==> flow/design.v <==
module mult #(
  parameter XLEN = 10,
  parameter WAYS = 4,
  parameter OUT_W = 2*XLEN + $clog2(WAYS)
) (
  input  aclk,
  input  reset,
  input  [WAYS*XLEN-1:0] lhs_i,
  input  [WAYS*XLEN-1:0] rhs_i,
  output [OUT_W-1:0] prod_o
);
  reg [WAYS*XLEN-1:0] lhs_d1;
  always @(posedge aclk or posedge reset) begin
    if (reset) begin
      lhs_d1 <= 0;
    end else begin
      lhs_d1 <= lhs_i;
    end
  end
  reg [WAYS*XLEN-1:0] rhs_d1;
  always @(posedge aclk or posedge reset) begin
    if (reset) begin
      rhs_d1 <= 0;
    end else begin
      rhs_d1 <= rhs_i;
    end
  end
  reg [OUT_W-1:0] tmp;
  integer k;
  always @* begin
    tmp = 0;
    for (k = 0; k < WAYS; k = k + 1)
      tmp = tmp + lhs_d1[k*XLEN +: XLEN] * rhs_d1[k*XLEN +: XLEN];
  end
  assign prod_o = tmp;
endmodule
Wiki page: mult / tool data

### Step by step through the tools: mult

Module mult in several versions that differ in "WAYS"; each step lists the members.
The file above is the member WAYS=4. Line numbers count from 1 in each member's own file.
Library cell names are shortened.
The mark -- stands for no value.

* design top: mult
* clock: aclk
* library: sky130hd
* library corner: tt_025C_1v80

### Source of the members

Lines of each other member's file that are new or changed against the file above; lines that a member lacks are not shown.

New or changed lines
* WAYS 6: RTL line 3 `parameter WAYS = 6,`
* WAYS 7: RTL line 3 `parameter WAYS = 7,`

### Word level

Counts by Yosys on the flattened word-level netlist (proc, flatten, opt, wreduce; memories kept). Register bits leave out memories and registers merged into their read ports (data or address); mux counts leave out enables and synchronous resets folded into registers. Print and check cells are left out. Cells with the same type and inputs are merged into one.

Storage and ports
* WAYS 4: input bits 82, output and inout bits 22, elaborated cells 9, bits in registers 80
* WAYS 6: input bits 122, output and inout bits 23, elaborated cells 13, bits in registers 120
* WAYS 7: input bits 142, output and inout bits 23, elaborated cells 15, bits in registers 140

Cells by class
* WAYS 4: add/sub/neg operators 3, multipliers 4
* WAYS 6: add/sub/neg operators 5, multipliers 6
* WAYS 7: add/sub/neg operators 6, multipliers 7

Operators with widths (kinds with counts)
* WAYS 4: 10-bit by 10-bit multiplier with 20-bit output: 4; 21-bit by 20-bit adder with 22-bit output: 1; 22-bit by 20-bit adder with 22-bit output: 1; 20-bit by 20-bit adder with 21-bit output: 1
* WAYS 6: 10-bit by 10-bit multiplier with 20-bit output: 6; 23-bit by 20-bit adder with 23-bit output: 2; 22-bit by 20-bit adder with 23-bit output: 1; 21-bit by 20-bit adder with 22-bit output: 1; 20-bit by 20-bit adder with 21-bit output: 1
* WAYS 7: 10-bit by 10-bit multiplier with 20-bit output: 7; 23-bit by 20-bit adder with 23-bit output: 3; 22-bit by 20-bit adder with 23-bit output: 1; 21-bit by 20-bit adder with 22-bit output: 1; 20-bit by 20-bit adder with 21-bit output: 1

### Longest topological paths

Depth = most cells in a row (Yosys ltp): at word level without a register or memory, in the mapped netlist without a sequential cell, where the memories' decode and read muxes count.

Logic depth
* WAYS 4: depth after elaboration 4, ABC_AREA 0, depth in mapped cells 25, gate-level depth less buffers 23
* WAYS 6: depth after elaboration 6, ABC_AREA 0, depth in mapped cells 27, gate-level depth less buffers 25
* WAYS 7: depth after elaboration 7, ABC_AREA 0, depth in mapped cells 29, gate-level depth less buffers 28

### Synthesis result

The flow's flattened synthesis, as Yosys stat reports it; memories are mapped. The netlist is that of the ABC_AREA named above (0 if unset); the other value can give another one.

Synthesis totals
* WAYS 4: flip-flop cells 80, area of sequential cells 2001.9 um2, chip area (Yosys) 16067.9 um2, buffer cells 48, cells in the netlist 1620
* WAYS 6: flip-flop cells 120, area of sequential cells 3002.9 um2, chip area (Yosys) 23806.6 um2, buffer cells 65, cells in the netlist 2362
* WAYS 7: flip-flop cells 140, area of sequential cells 3503.4 um2, chip area (Yosys) 27971.8 um2, buffer cells 87, cells in the netlist 2791

Cell types (type and count)
* WAYS 4: fa_1: 359; ha_1: 165; dfrtp_1: 80; inv_1: 432; and2_1: 246; nand2_1: 172; clkbuf_1: 44; a21oi_1: 17; xor2_1: 7; a21o_1: 8; xnor2_1: 6; nor2_1: 11; o21ai_0: 8; o211ai_1: 5; o21a_1: 5; a211oi_1: 4; a221oi_4: 1; a31oi_1: 4; [+46]
* WAYS 6: fa_1: 558; ha_1: 242; dfrtp_1: 120; inv_1: 669; and2_1: 362; nand2_1: 249; clkbuf_1: 65; xnor2_1: 14; a21oi_1: 21; xor2_1: 6; o21ai_0: 9; nor2_1: 9; a2111oi_4: 1; nand4_1: 4; a21o_1: 3; nand3_1: 4; a21oi_2: 2; o41ai_2: 1; [+23]
* WAYS 7: fa_1: 660; ha_1: 285; dfrtp_1: 140; inv_1: 820; and2_1: 407; nand2_1: 302; clkbuf_1: 86; xnor2_1: 14; a21oi_1: 21; xor2_1: 5; nor2_1: 11; o21ai_0: 5; a211oi_1: 3; and3_1: 3; a211o_4: 1; o21ai_2: 2; a21oi_4: 1; a21o_1: 2; [+23]

A list marked [+n] leaves out that many cells.

### Timing after synthesis

OpenSTA on the mapped netlist: ideal clock, no wires. The path of least setup slack (recovery checks aside). Input and output delay are each 20% of the period. Register names are those of the netlist, which keeps one name where synthesis merged equal registers.

Path post-synthesis
* WAYS 4: kind flip-flop to output port, start register rhs_d1[30], end output port prod_o[18], driving pins on the path 24, delay of the path 6426 ps, slack 1574 ps, period 10000 ps, synthesis period reached 8426 ps
* WAYS 6: kind flip-flop to output port, start register lhs_d1[3], end output port prod_o[20], driving pins on the path 24, delay of the path 6859 ps, slack 1701 ps, period 10700 ps, synthesis period reached 8999 ps
* WAYS 7: kind flip-flop to output port, start register lhs_d1[62], end output port prod_o[22], driving pins on the path 27, delay of the path 7511 ps, slack 1849 ps, period 11700 ps, synthesis period reached 9851 ps

"delay of the path" is the arrival time less input delay plus setup time.
A path that ends at an output port has no setup time.
"driving pins on the path": output pins that drive a net of the path, with the launching flip-flop's if there is one; two outputs of one cell count as two.
"synthesis period reached" = period - worst setup slack (recovery checks aside). The figure is calculated, with input and output delays left at 20% of the set period.
The rows between start and end are the longest chain of elaborated cells between them; the timing report does not say that the signal goes this way. Where chains are equally long, one stands for them.
Each line given opens the expression or statement behind the cell; cells for indexed reads and writes are added by Yosys, which also makes memories of some case tables.

On the way, post-synthesis, WAYS=4:
* length of the longest elaborated chain: 2

Ends and longest elaborated chain, post-synthesis, WAYS=4
* start: declaration: RTL line 20 `reg [WAYS*XLEN-1:0] rhs_d1;`
* start: assignment: RTL line 23 `rhs_d1 <= 0;`
* start: assignment: RTL line 25 `rhs_d1 <= rhs_i;`
* 10-bit by 10-bit multiplier with 20-bit output: RTL line 33 `tmp = tmp + lhs_d1[k*XLEN +: XLEN] * rhs_d1[k*XLEN +: XLEN];`
* 22-bit by 20-bit adder with 22-bit output: RTL line 33
* end: declaration: RTL line 10 `output [OUT_W-1:0] prod_o`

On the way, post-synthesis, WAYS=7:
* length of the longest elaborated chain: 2

Ends and longest elaborated chain, post-synthesis, WAYS=7
* start: declaration: RTL line 12 `reg [WAYS*XLEN-1:0] lhs_d1;`
* start: assignment: RTL line 15 `lhs_d1 <= 0;`
* start: assignment: RTL line 17 `lhs_d1 <= lhs_i;`
* 10-bit by 10-bit multiplier with 20-bit output: RTL line 33 `tmp = tmp + lhs_d1[k*XLEN +: XLEN] * rhs_d1[k*XLEN +: XLEN];`
* 23-bit by 20-bit adder with 23-bit output: RTL line 33
* end: declaration: RTL line 10 `output [OUT_W-1:0] prod_o`

### Path in the finished layout

From the final timing report of each member's run: the path of least setup slack in the routed layout; clock arrival at registers is part of the times.
The path's times are printed in steps of 10 ps; the period is the one set.

Path post-layout
* WAYS 4: kind flip-flop to output port, start register lhs_d1[32], end output port prod_o[21], arrival time 7690 ps, buffers on the path 1, driving pins on the path 21, slack 310 ps, period 10000 ps
* WAYS 6: kind flip-flop to output port, start register lhs_d1[45], end output port prod_o[16], arrival time 8280 ps, buffers on the path 1, driving pins on the path 23, slack 280 ps, period 10700 ps
* WAYS 7: kind flip-flop to output port, start register rhs_d1[51], end output port prod_o[21], arrival time 9060 ps, buffers on the path 1, driving pins on the path 26, slack 300 ps, period 11700 ps

### Measured runs

One run of the flow (Yosys, OpenROAD) for each member, with settings and measured results. Input and output delays are each 20% of the period that was set; the output load is 0.01 pF.

* CAP_MARGIN: 20
* CORE_MARGIN: 2
* CORE_UTILIZATION: 40
* SLEW_MARGIN: 20

Settings by member (period_ns)
* WAYS 4: 10.0
* WAYS 6: 10.7
* WAYS 7: 11.7

Final reports
* WAYS 4: standard-cell area after layout 17883.4 um2, synthesized cell area 16067.9 um2, worst slack on setup checks 308 ps, achieved period 9692 ps, utilization after routing 0.45, die outline area 41789.6 um2, setup TNS 0 ps
* WAYS 6: standard-cell area after layout 26733.1 um2, synthesized cell area 23806.6 um2, worst slack on setup checks 275 ps, achieved period 10425 ps, utilization after routing 0.454, die outline area 61484.2 um2, setup TNS 0 ps
* WAYS 7: standard-cell area after layout 31242.5 um2, synthesized cell area 27971.8 um2, worst slack on setup checks 298 ps, achieved period 11402 ps, utilization after routing 0.453, die outline area 72060.0 um2, setup TNS 0 ps

"achieved period" = clock period - worst setup slack. The figure is calculated, with input and output delays left at 20% of the set period.
